==> flow/design.v <==
module gen_arith_add_rtl #(
    parameter integer WD = 12
) (
    input  logic core_clk,
    input  logic srst,
    input  logic step,
    input  logic [WD-1:0] u,
    input  logic [WD-1:0] v,
    input  logic cy_in,
    output logic [WD-1:0] res,
    output logic cy
);
    logic [WD-1:0] t;
    logic c;
    always_comb begin
        c = cy_in;
        for (int i = 0; i < WD; i++) begin
            t[i] = u[i] ^ v[i] ^ c;
            c = (u[i] & v[i]) | (c & (u[i] | v[i]));
        end
    end
    always_ff @(posedge core_clk or posedge srst) begin
        if (srst) begin
            res <= '0;
        end else if (step) begin
            res <= t;
        end
    end
    always_ff @(posedge core_clk or posedge srst) begin
        if (srst) begin
            cy <= 1'b0;
        end else if (step) begin
            cy <= c;
        end
    end
endmodule
# From RTL to reports: gen_arith_add_rtl
# Module gen_arith_add_rtl in several versions that differ in "WD"; each step lists the members.
# The file above is the member WD 12. Line numbers count from 1 in each member's own file.
# Library cell names are shortened.
# Not given: --
[design] top_module="gen_arith_add_rtl" clock_port="core_clk" cell_library="sky130hd" pvt_corner="tt_025C_1v80"

# Members of the sweep
# New or changed lines of each further member against the RTL above, in its own file; lines it lacks are not shown.
[src_changes] WD=14 line=2 source="parameter integer WD = 14"
[src_changes] WD=36 line=2 source="parameter integer WD = 36"
[src_changes] WD=72 line=2 source="parameter integer WD = 72"
[src_changes] WD=112 line=2 source="parameter integer WD = 112"

# After elaboration
# Source: Yosys, flattened and elaborated, memories not mapped. Widths are those after wreduce; folded enables and synchronous resets count as part of the registers. Registers that Yosys merges into a memory's read port (data or address) are not register bits. Print and check cells do not count. Equal cells are merged and count once.
[op_classes] WD=12 bitwise=72
[op_classes] WD=14 bitwise=84
[op_classes] WD=36 bitwise=216
[op_classes] WD=72 bitwise=432
[op_classes] WD=112 bitwise=672
[ops] WD=12 op_list="AND 1 bit (24); bitwise OR 1 bit (24); XOR 1 bit (24)"
[ops] WD=14 op_list="AND 1 bit (28); bitwise OR 1 bit (28); XOR 1 bit (28)"
[ops] WD=36 op_list="AND 1 bit (72); bitwise OR 1 bit (72); XOR 1 bit (72)"
[ops] WD=72 op_list="AND 1 bit (144); bitwise OR 1 bit (144); XOR 1 bit (144)"
[ops] WD=112 op_list="AND 1 bit (224); bitwise OR 1 bit (224); XOR 1 bit (224)"
[word_totals] WD=12 ff_bits=13 word_cells=74 input_bits=28
[word_totals] WD=14 ff_bits=15 word_cells=86 input_bits=32
[word_totals] WD=36 ff_bits=37 word_cells=218 input_bits=76
[word_totals] WD=72 ff_bits=73 word_cells=434 input_bits=148
[word_totals] WD=112 ff_bits=113 word_cells=674 input_bits=228

# Logic depth
# Yosys ltp: most cells in a row. Word level: on the elaborated netlist, between registers, memories and ports. Mapped: between sequential cells and ports; inverters and the memories' decode and read muxes count.
[depth] WD=12 word_depth=25 ABC_AREA=0 mapped_depth=16 ltp_nobuf=16
[depth] WD=14 word_depth=29 ABC_AREA=0 mapped_depth=18 ltp_nobuf=18
[depth] WD=36 word_depth=73 ABC_AREA=0 mapped_depth=40 ltp_nobuf=40
[depth] WD=72 word_depth=145 ABC_AREA=0 mapped_depth=76 ltp_nobuf=76
[depth] WD=112 word_depth=225 ABC_AREA=0 mapped_depth=116 ltp_nobuf=116

# Synthesis result
# The flow's flattened synthesis, as Yosys stat reports it; memories are mapped. The netlist is that of the ABC_AREA named above (0 if unset); the other value can give another one.
# Totals and module areas in this step are rounded.
[types] WD=12 type_list="dfrtp_1 (13); fa_1 (12); mux2_2 (6); mux2_4 (4); inv_1 (8); buf_12 (1); a21oi_1 (3); buf_6 (1); nor2_1 (3)"
[types] WD=14 type_list="dfrtp_1 (15); fa_1 (14); mux2_2 (8); mux2_4 (4); inv_1 (8); buf_12 (1); a21oi_1 (3); buf_6 (1); nor2_1 (3)"
[types] WD=36 type_list="dfrtp_1 (37); fa_1 (36); mux2_2 (34); buf_6 (4); inv_1 (8); a21oi_1 (3); nor2_1 (3)"
[types] WD=72 type_list="dfrtp_1 (73); fa_1 (72); mux2_2 (36); mux2_1 (34); buf_6 (5); inv_1 (8); a21oi_1 (3); buf_2 (3); nor2_1 (3)"
[types] WD=112 type_list="dfrtp_1 (113); fa_1 (112); mux2_2 (76); mux2_4 (34); buf_6 (6); buf_2 (7); inv_1 (8); a21oi_1 (3); nor2_1 (3)"
[synth_totals] WD=12 flip_flops=13 buffers=2 mapped_area_um2=781 mapped_cells=51
[synth_totals] WD=14 flip_flops=15 buffers=2 mapped_area_um2=893 mapped_cells=57
[synth_totals] WD=36 flip_flops=37 buffers=4 mapped_area_um2=2130 mapped_cells=125
[synth_totals] WD=72 flip_flops=73 buffers=8 mapped_area_um2=4180 mapped_cells=237
[synth_totals] WD=112 flip_flops=113 buffers=13 mapped_area_um2=6600 mapped_cells=362

# Timing after synthesis
# Path of least setup slack by OpenSTA after synthesis, without wires, with an ideal clock, recovery checks aside; 20% of the period is set as input and as output delay. Where synthesis merged equal registers, the netlist keeps one of their names.
[synth_path] WD=12 kind="input port to flip-flop" startpoint="input u[0]" endpoint="register res[11]" slack_ns=1.178 path_stages=16 clock_period_ns=7.35 delay_ns=4.702 synth_period_reached_ns=6.172
[synth_path] WD=14 kind="input port to flip-flop" startpoint="input u[0]" endpoint="register res[13]" slack_ns=1.363 path_stages=18 clock_period_ns=8.53 delay_ns=5.461 synth_period_reached_ns=7.167
[synth_path] WD=36 kind="input port to flip-flop" startpoint="input u[0]" endpoint="register res[35]" slack_ns=3.464 path_stages=40 clock_period_ns=21.6 delay_ns=13.815 synth_period_reached_ns=18.136
[synth_path] WD=72 kind="input port to flip-flop" startpoint="input u[0]" endpoint="register res[71]" slack_ns=6.834 path_stages=76 clock_period_ns=42.9 delay_ns=27.486 synth_period_reached_ns=36.066
[synth_path] WD=112 kind="input port to flip-flop" startpoint="input u[0]" endpoint="register res[111]" slack_ns=10.684 path_stages=116 clock_period_ns=66.7 delay_ns=42.675 synth_period_reached_ns=56.016
# "delay_ns" is the arrival time less input delay plus setup time.
# "path_stages" counts driving pins, that of a launching flip-flop among them; a cell with two outputs on the path counts twice.
# "synth_period_reached_ns" = period - worst setup slack (recovery checks aside). The figure is calculated, with input and output delays left at 20% of the set period.
# Between the ends stands the longest chain of elaborated cells between them, by number of cells; it is not shown to be the way that was timed. Of several equally long chains one is given.
# Each line given opens the expression or statement behind the cell; cells for indexed reads and writes are added by Yosys, which also makes memories of some case tables.
[synth_via_WD_12] elab_chain_cells=24
[synth_lines_WD_12] element="start, declared" line=7 source="input  logic [WD-1:0] u,"
[synth_lines_WD_12] element="bitwise OR 1 bit" line=19 source="c = (u[i] & v[i]) | (c & (u[i] | v[i]));"
[synth_lines_WD_12] element="AND 1 bit" line=19
[synth_lines_WD_12] element="bitwise OR 1 bit" line=19
[synth_lines_WD_12] element="AND 1 bit" line=19
[synth_lines_WD_12] element="bitwise OR 1 bit" line=19
[synth_lines_WD_12] element="AND 1 bit" line=19
[synth_lines_WD_12] element="bitwise OR 1 bit" line=19
[synth_lines_WD_12] element="[10 not listed]"
[synth_lines_WD_12] element="AND 1 bit" line=19
[synth_lines_WD_12] element="bitwise OR 1 bit" line=19
[synth_lines_WD_12] element="AND 1 bit" line=19
[synth_lines_WD_12] element="bitwise OR 1 bit" line=19
[synth_lines_WD_12] element="AND 1 bit" line=19
[synth_lines_WD_12] element="bitwise OR 1 bit" line=19
[synth_lines_WD_12] element="XOR 1 bit" line=18 source="t[i] = u[i] ^ v[i] ^ c;"
[synth_lines_WD_12] element="end, assigned" line=24 source="res <= '0;"
[synth_lines_WD_12] element="end, assigned" line=26 source="res <= t;"
[synth_lines_WD_12] element="end, declared" line=10 source="output logic [WD-1:0] res,"
[synth_via_WD_112] elab_chain_cells=224
[synth_lines_WD_112] element="start, declared" line=7 source="input  logic [WD-1:0] u,"
[synth_lines_WD_112] element="bitwise OR 1 bit" line=19 source="c = (u[i] & v[i]) | (c & (u[i] | v[i]));"
[synth_lines_WD_112] element="AND 1 bit" line=19
[synth_lines_WD_112] element="bitwise OR 1 bit" line=19
[synth_lines_WD_112] element="AND 1 bit" line=19
[synth_lines_WD_112] element="bitwise OR 1 bit" line=19
[synth_lines_WD_112] element="AND 1 bit" line=19
[synth_lines_WD_112] element="bitwise OR 1 bit" line=19
[synth_lines_WD_112] element="[210 not listed]"
[synth_lines_WD_112] element="AND 1 bit" line=19
[synth_lines_WD_112] element="bitwise OR 1 bit" line=19
[synth_lines_WD_112] element="AND 1 bit" line=19
[synth_lines_WD_112] element="bitwise OR 1 bit" line=19
[synth_lines_WD_112] element="AND 1 bit" line=19
[synth_lines_WD_112] element="bitwise OR 1 bit" line=19
[synth_lines_WD_112] element="XOR 1 bit" line=18 source="t[i] = u[i] ^ v[i] ^ c;"
[synth_lines_WD_112] element="end, assigned" line=24 source="res <= '0;"
[synth_lines_WD_112] element="end, assigned" line=26 source="res <= t;"
[synth_lines_WD_112] element="end, declared" line=10 source="output logic [WD-1:0] res,"

# Path in the finished layout
# From the final timing report of each member's run: the path of least setup slack in the routed layout; clock arrival at registers is part of the times.
[layout_path] WD=12 kind="input port to flip-flop" startpoint="input u[0]" endpoint="register res[11]" arrival_ns=6.77 slack_ns=0.78 clock_period_ns=7.35 path_stages=17
[layout_path] WD=14 kind="input port to flip-flop" startpoint="input u[0]" endpoint="register res[13]" arrival_ns=7.77 slack_ns=0.96 clock_period_ns=8.53 path_stages=19
[layout_path] WD=36 kind="input port to flip-flop" startpoint="input u[0]" endpoint="register res[35]" arrival_ns=19.08 slack_ns=2.73 clock_period_ns=21.6 path_stages=41
[layout_path] WD=72 kind="input port to flip-flop" startpoint="input u[0]" endpoint="register res[71]" arrival_ns=37.50 slack_ns=5.65 clock_period_ns=42.9 path_stages=77
[layout_path] WD=112 kind="input port to flip-flop" startpoint="input u[0]" endpoint="register res[111]" arrival_ns=58.36 slack_ns=8.67 clock_period_ns=66.7 path_stages=117

# Measured runs
# Settings and results of one run of the flow (Yosys, OpenROAD) for each member follow. The constraints put input and output delay at 20% of the set period each and load the outputs with 0.01 pF.
[settings] CAP_MARGIN=20 CORE_MARGIN=2 CORE_UTILIZATION=40 SLEW_MARGIN=20
[settings_diff] WD=12 period_ns=7.35
[settings_diff] WD=14 period_ns=8.53
[settings_diff] WD=36 period_ns=21.6
[settings_diff] WD=72 period_ns=42.9
[settings_diff] WD=112 period_ns=66.7
[results] WD=12 fin_ws_ns=0.779 layout_utilization_pct=67.7 tns_setup_ns=0.000 dieArea_um2=2320 holdWs_ns=0.510 synthArea_um2=781
[results] WD=14 fin_ws_ns=0.957 layout_utilization_pct=63.8 tns_setup_ns=0.000 dieArea_um2=2630 holdWs_ns=0.513 synthArea_um2=893
[results] WD=36 fin_ws_ns=2.73 layout_utilization_pct=65.7 tns_setup_ns=0.000 dieArea_um2=5930 holdWs_ns=0.506 synthArea_um2=2130
[results] WD=72 fin_ws_ns=5.65 layout_utilization_pct=65.0 tns_setup_ns=0.000 dieArea_um2=11300 holdWs_ns=0.484 synthArea_um2=4180
[results] WD=112 fin_ws_ns=8.67 layout_utilization_pct=67.4 tns_setup_ns=0.000 dieArea_um2=17500 holdWs_ns=0.501 synthArea_um2=6600
# Measured values are rounded.
